==> flow/design.v <==
module mpy #(
    parameter int WD = 4
) (
    input logic clk,
    input logic clk_en,
    input logic [WD-1:0] lhs_i,
    input logic [WD-1:0] rhs_i,
    output logic [2*WD-1:0] out_o
);
    always_ff @(posedge clk) begin
        if (clk_en) begin
            out_o <= lhs_i * rhs_i;
        end
    end
endmodule
* From RTL to reports: mpy
What the tools print for mpy, step after step.
Line numbers count from 1 in the design file above.
The mark n/a stands for no value.
- Top module :: mpy
- Clock :: clk
- Standard-cell library :: sky130hd
- Timing corner :: tt_025C_1v80

* Elaborated design
Source: Yosys, flattened and elaborated, memories not mapped. Widths are those after wreduce; folded enables and synchronous resets count as part of the registers. Registers that Yosys merges into a memory's read port (data or address) are not register bits. Print and check cells do not count. Equal cells are merged and count once.
- Output and inout bits :: 8
- Bits of input ports :: 10
- Word-level cells :: 2
- Register bits :: 8
- Multiply operators :: 1
** Operators with widths (count)
- 4-bit by 4-bit multiplier with 8-bit output :: 1

* Logic depth
Yosys ltp: most cells in a row. Word level: on the elaborated netlist, between registers, memories and ports. Mapped: between sequential cells and ports; inverters and the memories' decode and read muxes count.
- Depth in word-level cells :: 1
- ABC_AREA :: 0
- Gate-level depth with buffers :: 8
- Depth with buffers taken out :: 8

* Netlist
The flow's flattened synthesis, as Yosys stat reports it; memories are mapped. The netlist is that of the ABC_AREA named above (0 if unset); the other value can give another one.
- Mapped area :: 686.9 um^2
- Sequential part of the area :: 240.2 um^2
- Buffer cells :: 0
- Flip-flops :: 8
- Cell count :: 59
** Cells by type
- sky130_fd_sc_hd__edfxtp_1 :: count 8, area in all 240.23 um^2
- sky130_fd_sc_hd__ha_1 :: count 12, area in all 150.144 um^2
- sky130_fd_sc_hd__and2_1 :: count 13, area in all 81.328 um^2
- sky130_fd_sc_hd__fa_1 :: count 4, area in all 80.077 um^2
- sky130_fd_sc_hd__xnor2_1 :: count 2, area in all 17.517 um^2
- sky130_fd_sc_hd__a21oi_1 :: count 3, area in all 15.014 um^2
- sky130_fd_sc_hd__inv_1 :: count 3, area in all 11.261 um^2
- sky130_fd_sc_hd__nand2_1 :: count 3, area in all 11.261 um^2
- sky130_fd_sc_hd__or4b_1 :: count 1, area in all 10.01 um^2
- sky130_fd_sc_hd__a21o_2 :: count 1, area in all 8.758 um^2
- sky130_fd_sc_hd__and3b_1 :: count 1, area in all 8.758 um^2
- sky130_fd_sc_hd__o2111ai_1 :: count 1, area in all 8.758 um^2
- sky130_fd_sc_hd__xor2_1 :: count 1, area in all 8.758 um^2
- sky130_fd_sc_hd__a211oi_1 :: count 1, area in all 7.507 um^2
- sky130_fd_sc_hd__a21o_1 :: count 1, area in all 7.507 um^2
- sky130_fd_sc_hd__nor2_1 :: count 2, area in all 7.507 um^2
- sky130_fd_sc_hd__o211ai_1 :: count 1, area in all 7.507 um^2
- sky130_fd_sc_hd__o21ai_1 :: count 1, area in all 5.005 um^2

* Path before layout
Source: OpenSTA report_checks on the synthesized netlist (no wires, ideal clock, input and output delay 20% of the period each), path of least setup slack; recovery checks are left aside. Register names are those of the netlist, which keeps one name where synthesis merged equal registers.
- Path type :: input port to flip-flop
- From :: input port lhs_i[0]
- To :: register out_o[6]
- Stages :: 8
- Clock period :: 3.6 ns
- Delay of the path :: 2.307 ns
- Data arrival time :: 2.769 ns
- Input delay :: 0.720 ns
- Setup time :: 0.258 ns
- Data required time :: 3.342 ns
- Slack :: 0.574 ns
- Buffers on the path :: 0
- Time at the first pin :: 0.720 ns
- Period reached after synthesis :: 3.026 ns
"delay of the path" is the arrival time less input delay plus setup time.
"stages" counts driving pins, that of a launching flip-flop among them; a cell with two outputs on the path counts twice.
"period reached after synthesis" = period - worst setup slack (recovery checks aside). The figure is calculated, with input and output delays left at 20% of the set period.
Between the ends stands the longest chain of elaborated cells between them, by number of cells; it is not shown to be the way that was timed. Of several equally long chains one is given.
A line is the first line of the expression or statement that the cell stems from. Yosys adds cells for indexed reads and writes and turns some case tables into memories.
- Path through :: sky130_fd_sc_hd__nand2_1 sky130_fd_sc_hd__fa_1 sky130_fd_sc_hd__inv_1 sky130_fd_sc_hd__fa_1 sky130_fd_sc_hd__fa_1 sky130_fd_sc_hd__a21o_2 sky130_fd_sc_hd__a21oi_1 sky130_fd_sc_hd__xnor2_1
- Length of the longest elaborated chain :: 1
- Elaborated cells on any way between the ends :: 1
- RTL lines with such cells :: 1
- Those cells by class :: 1 x mul
** RTL lines, path after synthesis
- start, declared :: line 6 : input logic [WD-1:0] lhs_i,
- 4-bit by 4-bit multiplier with 8-bit output :: line 12 : out_o <= lhs_i * rhs_i;
- end, assigned :: line 12
- end, declared :: line 8 : output logic [2*WD-1:0] out_o

* Worst path after layout
From the final timing report of flow run A: the path of least setup slack in the routed layout; clock arrival at registers is part of the times.
- Path type :: input port to flip-flop
- From :: input port rhs_i[3]
- To :: register out_o[7]
- Data arrival time :: 3.24 ns
- Setup time :: 0.16 ns
- Input delay :: 0.65 ns
- Stages :: 9
- Slack :: 0.08 ns
- Data required time :: 3.32 ns
- Clock period :: 3.24 ns
- Time at the first pin :: 0.65 ns
- Buffers on the path :: 1
Between the ends stands the longest chain of elaborated cells between them, by number of cells; it is not shown to be the way that was timed. Of several equally long chains one is given.
- Path through :: sky130_fd_sc_hd__clkdlybuf4s50_1 sky130_fd_sc_hd__nand2_1 sky130_fd_sc_hd__fa_1 sky130_fd_sc_hd__inv_1 sky130_fd_sc_hd__fa_2 sky130_fd_sc_hd__ha_4 sky130_fd_sc_hd__a211oi_2 sky130_fd_sc_hd__or4b_1 sky130_fd_sc_hd__o2111ai_1
- Length of the longest elaborated chain :: 1
- Elaborated cells on any way between the ends :: 1
- RTL lines with such cells :: 1
- Those cells by class :: 1 x mul
** RTL lines, path post-layout
- start, declared :: line 7 : input logic [WD-1:0] rhs_i,
- 4-bit by 4-bit multiplier with 8-bit output :: line 12 : out_o <= lhs_i * rhs_i;
- end, assigned :: line 12
- end, declared :: line 8 : output logic [2*WD-1:0] out_o

Subject: flow runs of mpy

Hi,

Top module mpy; platform sky130hd; tools Yosys and OpenROAD; 3 stored runs in no particular order. Input and output delays are each 20% of the period that was set; the output load is 0.01 pF.
"reached clock period": clock period set for the run, less the worst setup slack. It is reckoned from that one timing run; input and output delays stay at 20% of the period that was set.
By "critical setup path time" is meant the share of the clock period that the worst setup path is allowed (20% is reserved at inputs, 20% at outputs), minus its slack. Clock arrival times at its registers enter into it.
"total power after layout" is the tool's figure for a default switching activity; nothing was simulated.

* Flow run A
** Files
==> flow/run.sh <==
#!/bin/bash
# the make line also repeats the synthesis and layout settings of config.mk as NAME=value (left out here)
make -C /OpenROAD-flow-scripts/flow DESIGN_CONFIG=/design/flow/config.mk WORK_HOME=/design/flow/orfs CLKGATE_MAP_FILE= finish
==> flow/config.mk <==
export PLATFORM = sky130hd
export DESIGN_NAME = mpy
export DESIGN_NICKNAME = mpy
export VERILOG_FILES = /design/flow/design.v
export SDC_FILE = /design/flow/constraint.sdc
export NUM_CORES = 4
export LEC_CHECK = 0
export CAP_MARGIN = 40
export CORE_MARGIN = 2
export CORE_UTILIZATION = 23
export MIN_ROUTING_LAYER = met1
export PLACE_DENSITY_LB_ADDON = 0.12
export SLEW_MARGIN = 20
export TNS_END_PERCENT = 60
==> flow/constraint.sdc <==
create_clock -name core_clock -period 3.24 [get_ports {clk}]
set_input_delay 0.6480 -clock core_clock [delete_from_list [all_inputs] [get_ports {clk}]]
set_output_delay 0.6480 -clock core_clock [all_outputs]
set_load 0.01 [all_outputs]
** Results
- Post-synthesis cell area :: 686.9 um^2
- Total die area :: 3,439.8 um^2
- Standard-cell area of the final layout :: 1,042.2 um^2
- Post-route utilization :: 0.372
- Worst setup slack after layout :: 0.084 ns
- Post-route setup TNS :: 0.000 ns
- Worst hold slack :: 1.137 ns
- Total power after layout :: 0.0003639 W
- Reached clock period :: 3.156 ns
- Critical setup path time :: 2.51 ns
- Type of the worst setup path :: input port to flip-flop

* Flow run B
** Files
==> flow/run.sh <==
#!/bin/bash
# the make line also repeats the synthesis and layout settings of config.mk as NAME=value (left out here)
make -C /OpenROAD-flow-scripts/flow DESIGN_CONFIG=/design/flow/config.mk WORK_HOME=/design/flow/orfs CLKGATE_MAP_FILE= finish
==> flow/config.mk <==
export PLATFORM = sky130hd
export DESIGN_NAME = mpy
export DESIGN_NICKNAME = mpy
export VERILOG_FILES = /design/flow/design.v
export SDC_FILE = /design/flow/constraint.sdc
export NUM_CORES = 4
export LEC_CHECK = 0
export ABC_AREA = 1
export CAP_MARGIN = 10
export CELL_PAD_IN_SITES_DETAIL_PLACEMENT = 1
export CORE_ASPECT_RATIO = 0.99
export CORE_MARGIN = 2
export CORE_UTILIZATION = 17
export CTS_CLUSTER_DIAMETER = 196
export GPL_TIMING_DRIVEN = 1
export PLACE_DENSITY = 0.77
export SETUP_SLACK_MARGIN = 0.97
export SLEW_MARGIN = 30
==> flow/constraint.sdc <==
create_clock -name core_clock -period 5.46 [get_ports {clk}]
set_input_delay 1.0920 -clock core_clock [delete_from_list [all_inputs] [get_ports {clk}]]
set_output_delay 1.0920 -clock core_clock [all_outputs]
set_load 0.01 [all_outputs]
** Results
- Post-synthesis cell area :: 708.2 um^2
- Total die area :: 4,698.0 um^2
- Standard-cell area of the final layout :: 982.2 um^2
- Post-route utilization :: 0.244
- Worst setup slack after layout :: 1.739 ns
- Post-route setup TNS :: 0.000 ns
- Worst hold slack :: 1.638 ns
- Total power after layout :: 0.0002277 W
- Reached clock period :: 3.721 ns
- Critical setup path time :: 2.63 ns
- Type of the worst setup path :: input port to flip-flop

* Flow run C
** Files
==> flow/run.sh <==
#!/bin/bash
# the make line also repeats the synthesis and layout settings of config.mk as NAME=value (left out here)
make -C /OpenROAD-flow-scripts/flow DESIGN_CONFIG=/design/flow/config.mk WORK_HOME=/design/flow/orfs CLKGATE_MAP_FILE= finish
==> flow/config.mk <==
export PLATFORM = sky130hd
export DESIGN_NAME = mpy
export DESIGN_NICKNAME = mpy
export VERILOG_FILES = /design/flow/design.v
export SDC_FILE = /design/flow/constraint.sdc
export NUM_CORES = 4
export LEC_CHECK = 0
export CAP_MARGIN = 20
export CORE_MARGIN = 2
export CORE_UTILIZATION = 40
export SLEW_MARGIN = 20
==> flow/constraint.sdc <==
create_clock -name core_clock -period 3.6 [get_ports {clk}]
set_input_delay 0.7200 -clock core_clock [delete_from_list [all_inputs] [get_ports {clk}]]
set_output_delay 0.7200 -clock core_clock [all_outputs]
set_load 0.01 [all_outputs]
** Results
- Post-synthesis cell area :: 686.9 um^2
- Total die area :: 2,064.8 um^2
- Standard-cell area of the final layout :: 952.2 um^2
- Post-route utilization :: 0.611
- Worst setup slack after layout :: 0.222 ns
- Post-route setup TNS :: 0.000 ns
- Worst hold slack :: 1.223 ns
- Total power after layout :: 0.0003049 W
- Reached clock period :: 3.378 ns
- Critical setup path time :: 2.66 ns
- Type of the worst setup path :: input port to flip-flop

Regards
